==> flow/design.v <==
module cmp4 (
  input logic [3:0] a,
  input logic [3:0] b,
  input logic gi,
  input logic ei,
  output logic go,
  output logic eo
);
  assign go = (a > b) | ((a == b) & gi);
  assign eo = (a == b) & ei;
endmodule
module u_mag_cmp_blk #(
  parameter DATA_WIDTH = 96
) (
  input  logic core_clk,
  input  logic en,
  input  logic [DATA_WIDTH-1:0] A,
  input  logic [DATA_WIDTH-1:0] B,
  output logic a_gt_b,
  output logic is_eq
);
  logic [DATA_WIDTH-1:0] A_s;
  logic [DATA_WIDTH-1:0] B_s;
  always_ff @(posedge core_clk) begin
    if (en) begin
      A_s <= A;
      B_s <= B;
    end
  end
  localparam NBLK = DATA_WIDTH / 4;
  logic [NBLK:0] g;
  logic [NBLK:0] e;
  assign g[0] = 1'b0;
  assign e[0] = 1'b1;
  for (genvar gi = 0; gi < NBLK; gi++) begin : u_g
    cmp4 el (.a(A_s[4*gi +: 4]), .b(B_s[4*gi +: 4]), .gi(g[gi]), .ei(e[gi]), .go(g[gi+1]), .eo(e[gi+1]));
  end
  assign a_gt_b = g[NBLK];
  assign is_eq = e[NBLK];
endmodule
# Reports on u_mag_cmp_blk
# Tool output for the design above, in the order of the flow.
# Line numbers count from 1 in the design file above.
# Cell names lack the library's common part.
# A cell with n/a has no value.
[inputs]
top_module = "u_mag_cmp_blk"
clk_port = "core_clk"
cell_library = "sky130hd"
corner = "tt_025C_1v80"

# After elaboration
# Source: Yosys, flattened and elaborated, memories not mapped. Widths are those after wreduce; folded enables and synchronous resets count as part of the registers. Registers that Yosys merges into a memory's read port (data or address) are not register bits. Print and check cells do not count. Equal cells are merged and count once.
[classes]
n_addsub = 0
multipliers = 0
div_mod_pow = 0
compare = 24
n_eq = 24
shifts = 0
mux = 0
logic = 69
n_reduce_logical = 0
[ops]
columns = ["cell", "n"]
rows = [
  ["greater-than comparator 4 bit", 24],
  ["== test 4 bit", 24],
  ["AND 1 bit", 46],
  ["OR 1 bit", 23],
]
[word_totals]
reg_bits = 192
latchBits = 0
mem_bits_rw = 0
mem_bits_ro = 0
clocked_rd_ports_x_width = 0
memories = 0
in_bits = 194
elab_cells = 119

# Depth
# Yosys ltp: most cells in a row. Word level: on the elaborated netlist, between registers, memories and ports. Mapped: between sequential cells and ports; inverters and the memories' decode and read muxes count.
[depth]
word_depth = 47
abc_area = 0
ltp_mapped = 9
depth_no_buf = 9

# Mapped cells and area
# Yosys stat after the flow's synthesis: flattened, memories mapped to cells. It holds for the ABC_AREA given above (unset counts as 0); a run with the other value may have another netlist.
[mapped]
cell_count = 557
area_um2 = 8388.0
ff_cells = 192
n_buf = 0
[by_type]
columns = ["cell_type", "n"]
rows = [
  ["edfxtp_1", 192],
  ["ha_1", 96],
  ["inv_1", 105],
  ["nand4_1", 19],
  ["a21oi_1", 22],
  ["a21o_1", 10],
  ["nor2b_1", 12],
  ["nand2b_1", 10],
  ["nand3_1", 12],
  ["o21a_1", 8],
  ["o21ai_0", 12],
  ["and3_1", 7],
  ["o211ai_1", 5],
  ["a221oi_1", 4],
  ["and4_1", 3],
  ["nor4_1", 4],
  ["a211oi_1", 3],
  ["nand2_1", 6],
]
# Not listed: further types 17, cells in them 27.
# By module: a second synthesis without flattening, with its own total; a netlist apart from the flattened one above.
[unflattened]
cells_unflattened = 578
area_unflattened_um2 = 8355.5
# Each row is one instance without its submodules.
[modules]
columns = ["mod", "n_inst", "cells", "mod_area_um2"]
rows = [
  ["u_mag_cmp_blk", 1, 194, 5773.0],
  ["cmp4", 24, 16, 107.6],
]

# Timing after synthesis
# OpenSTA on the mapped netlist: ideal clock, no wires. The path of least setup slack (recovery checks aside). Input and output delay are each 20% of the period. Register names are those of the netlist, which keeps one name where synthesis merged equal registers.
[synth_path]
path_type = "reg-to-output"
from = "register A_s[51]"
to = "output port a_gt_b"
tclk_ps = 3040
t_first_pin_ps = 0
arrival_time_ps = 1948
required_time_ps = 2432
slack_ps = 484
delay_ps = 1948
stages = 9
n_path_buf = 0
period_less_setup_slack_ps = 2556
# "delay_ps" = arrival - input delay + setup time.
# At an output port there is no setup time.
# "stages": output pins that drive a net of the path, with the launching flip-flop's if there is one; two outputs of one cell count as two.
# "period_less_setup_slack_ps" = period - worst setup slack (recovery checks aside). The figure is calculated, with input and output delays left at 20% of the set period.
# Between the ends stands the longest chain of elaborated cells between them, by number of cells; it is not shown to be the way that was timed. Of several equally long chains one is given.
# A line is the first line of the expression or statement that the cell stems from. Yosys adds cells for indexed reads and writes and turns some case tables into memories.
[synth_via]
path_cell_list = "edfxtp_1 > ha_1 > and3_1 > a221oi_2 > a21oi_1 > a211o_1 > a221o_1 > o2111ai_1 > nand2_1"
elab_chain_cells = 25
[synth_rtl]
columns = ["element", "line_no", "source"]
rows = [
  ["from (decl)", 22, "logic [DATA_WIDTH-1:0] A_s;"],
  ["from (assign)", 26, "A_s <= A;"],
  ["== test 4 bit", 9, "assign go = (a > b) | ((a == b) & gi);"],
  ["AND 1 bit", 9, ""],
  ["OR 1 bit", 9, ""],
  ["AND 1 bit", 9, ""],
  ["OR 1 bit", 9, ""],
  ["AND 1 bit", 9, ""],
  ["OR 1 bit", 9, ""],
  ["[... 11 more ...]", "n/a", ""],
  ["OR 1 bit", 9, ""],
  ["AND 1 bit", 9, ""],
  ["OR 1 bit", 9, ""],
  ["AND 1 bit", 9, ""],
  ["OR 1 bit", 9, ""],
  ["AND 1 bit", 9, ""],
  ["OR 1 bit", 9, ""],
  ["to (decl)", 19, "output logic a_gt_b,"],
]

# Path in the finished layout
# Path of least setup slack in the final report of run A (OpenROAD, finished layout, wires in). Where an end is a register, its clock arrival counts in the times.
# The report prints the path's times to 10 ps; the period is as set.
[layout_path]
path_type = "reg-to-output"
from = "register B_s[50]"
to = "output port a_gt_b"
tclk_ps = 2550
t_first_pin_ps = 420
arrival_time_ps = 2700
required_time_ps = 2040
slack_ps = -660
stages = 11
n_path_buf = 1
# Between the ends stands the longest chain of elaborated cells between them, by number of cells; it is not shown to be the way that was timed. Of several equally long chains one is given.
[layout_via]
path_cell_list = "edfxtp_1 > inv_2 > ha_4 > a21o_1 > a221oi_4 > a21oi_2 > a211o_1 > a221o_1 > o2111ai_2 > nand2_1 > buf_2"
elab_chain_cells = 25
[layout_rtl]
columns = ["element", "line_no", "source"]
rows = [
  ["from (decl)", 23, "logic [DATA_WIDTH-1:0] B_s;"],
  ["from (assign)", 27, "B_s <= B;"],
  ["== test 4 bit", 9, "assign go = (a > b) | ((a == b) & gi);"],
  ["AND 1 bit", 9, ""],
  ["OR 1 bit", 9, ""],
  ["AND 1 bit", 9, ""],
  ["OR 1 bit", 9, ""],
  ["AND 1 bit", 9, ""],
  ["OR 1 bit", 9, ""],
  ["[... 11 more ...]", "n/a", ""],
  ["OR 1 bit", 9, ""],
  ["AND 1 bit", 9, ""],
  ["OR 1 bit", 9, ""],
  ["AND 1 bit", 9, ""],
  ["OR 1 bit", 9, ""],
  ["AND 1 bit", 9, ""],
  ["OR 1 bit", 9, ""],
  ["to (decl)", 19, "output logic a_gt_b,"],
]

# Design u_mag_cmp_blk on sky130hd. What follows are 3 stored runs of the flow, each under its own settings; their order means nothing. The constraints put input and output delay at 20% of the set period each and load the outputs with 0.01 pF.
# By "achieved_clock_period_ps" is meant the clock period of the run minus its worst setup slack. This is arithmetic on one report: input and output delays are still those of the set period (20% each).
# "worst_setup_path_time_ps" = time allowed to the worst setup path (clock period - input delay - output delay, where it has them) - its slack; a late launch clock adds to it, a late capture clock takes from it.
# "worst_setup_path_time_ps" is known to 10 ps.

[[run]]
name = "run A"
[run.settings]
period_ns = 2.55
CORE_UTILIZATION = 31
SETUP_SLACK_MARGIN = 0.75
PLACE_DENSITY_LB_ADDON = 0.06
CORE_MARGIN = 9
TNS_END_PERCENT = 5
GPL_ROUTABILITY_DRIVEN = 0
CTS_CLUSTER_DIAMETER = 54
SLEW_MARGIN = 5
MIN_ROUTING_LAYER = "met1"
CAP_MARGIN = 20
[run.results]
achieved_clock_period_ps = 3209
stdcell_area_um2 = 11852.6
tns_setup_ps = -1161
timing.setup.ws_ps = -659
worst_setup_path_time_ps = 2700
path_kind = "reg-to-output"
layout_utilization_frac = 0.45
final_hold_ws_ps = 545
synthArea_um2 = 8388.0
die_footprint_um2 = 33304.4

[[run]]
name = "run B"
[run.settings]
period_ns = 4.42
CORE_UTILIZATION = 29
SETUP_SLACK_MARGIN = 0.22
PLACE_DENSITY_LB_ADDON = 0.26
CELL_PAD_IN_SITES_GLOBAL_PLACEMENT = 2
TNS_END_PERCENT = 20
GPL_ROUTABILITY_DRIVEN = 0
CTS_CLUSTER_SIZE = 89
CAP_MARGIN = 20
CORE_MARGIN = 2
SLEW_MARGIN = 20
[run.results]
synthArea_um2 = 8388.0
tns_setup_ps = 0
timing.setup.ws_ps = 396
achieved_clock_period_ps = 4024
die_footprint_um2 = 30300.4
layout_utilization_frac = 0.4
worst_setup_path_time_ps = 3140
path_kind = "reg-to-output"
stdcell_area_um2 = 11442.2
final_hold_ws_ps = 1005

[[run]]
name = "run C"
[run.settings]
period_ns = 3.04
CAP_MARGIN = 20
CORE_MARGIN = 2
CORE_UTILIZATION = 40
SLEW_MARGIN = 20
[run.results]
die_footprint_um2 = 22144.4
achieved_clock_period_ps = 3208
synthArea_um2 = 8388.0
layout_utilization_frac = 0.57
worst_setup_path_time_ps = 2600
path_kind = "reg-to-output"
timing.setup.ws_ps = -168
final_hold_ws_ps = 723
tns_setup_ps = -207
stdcell_area_um2 = 11649.9
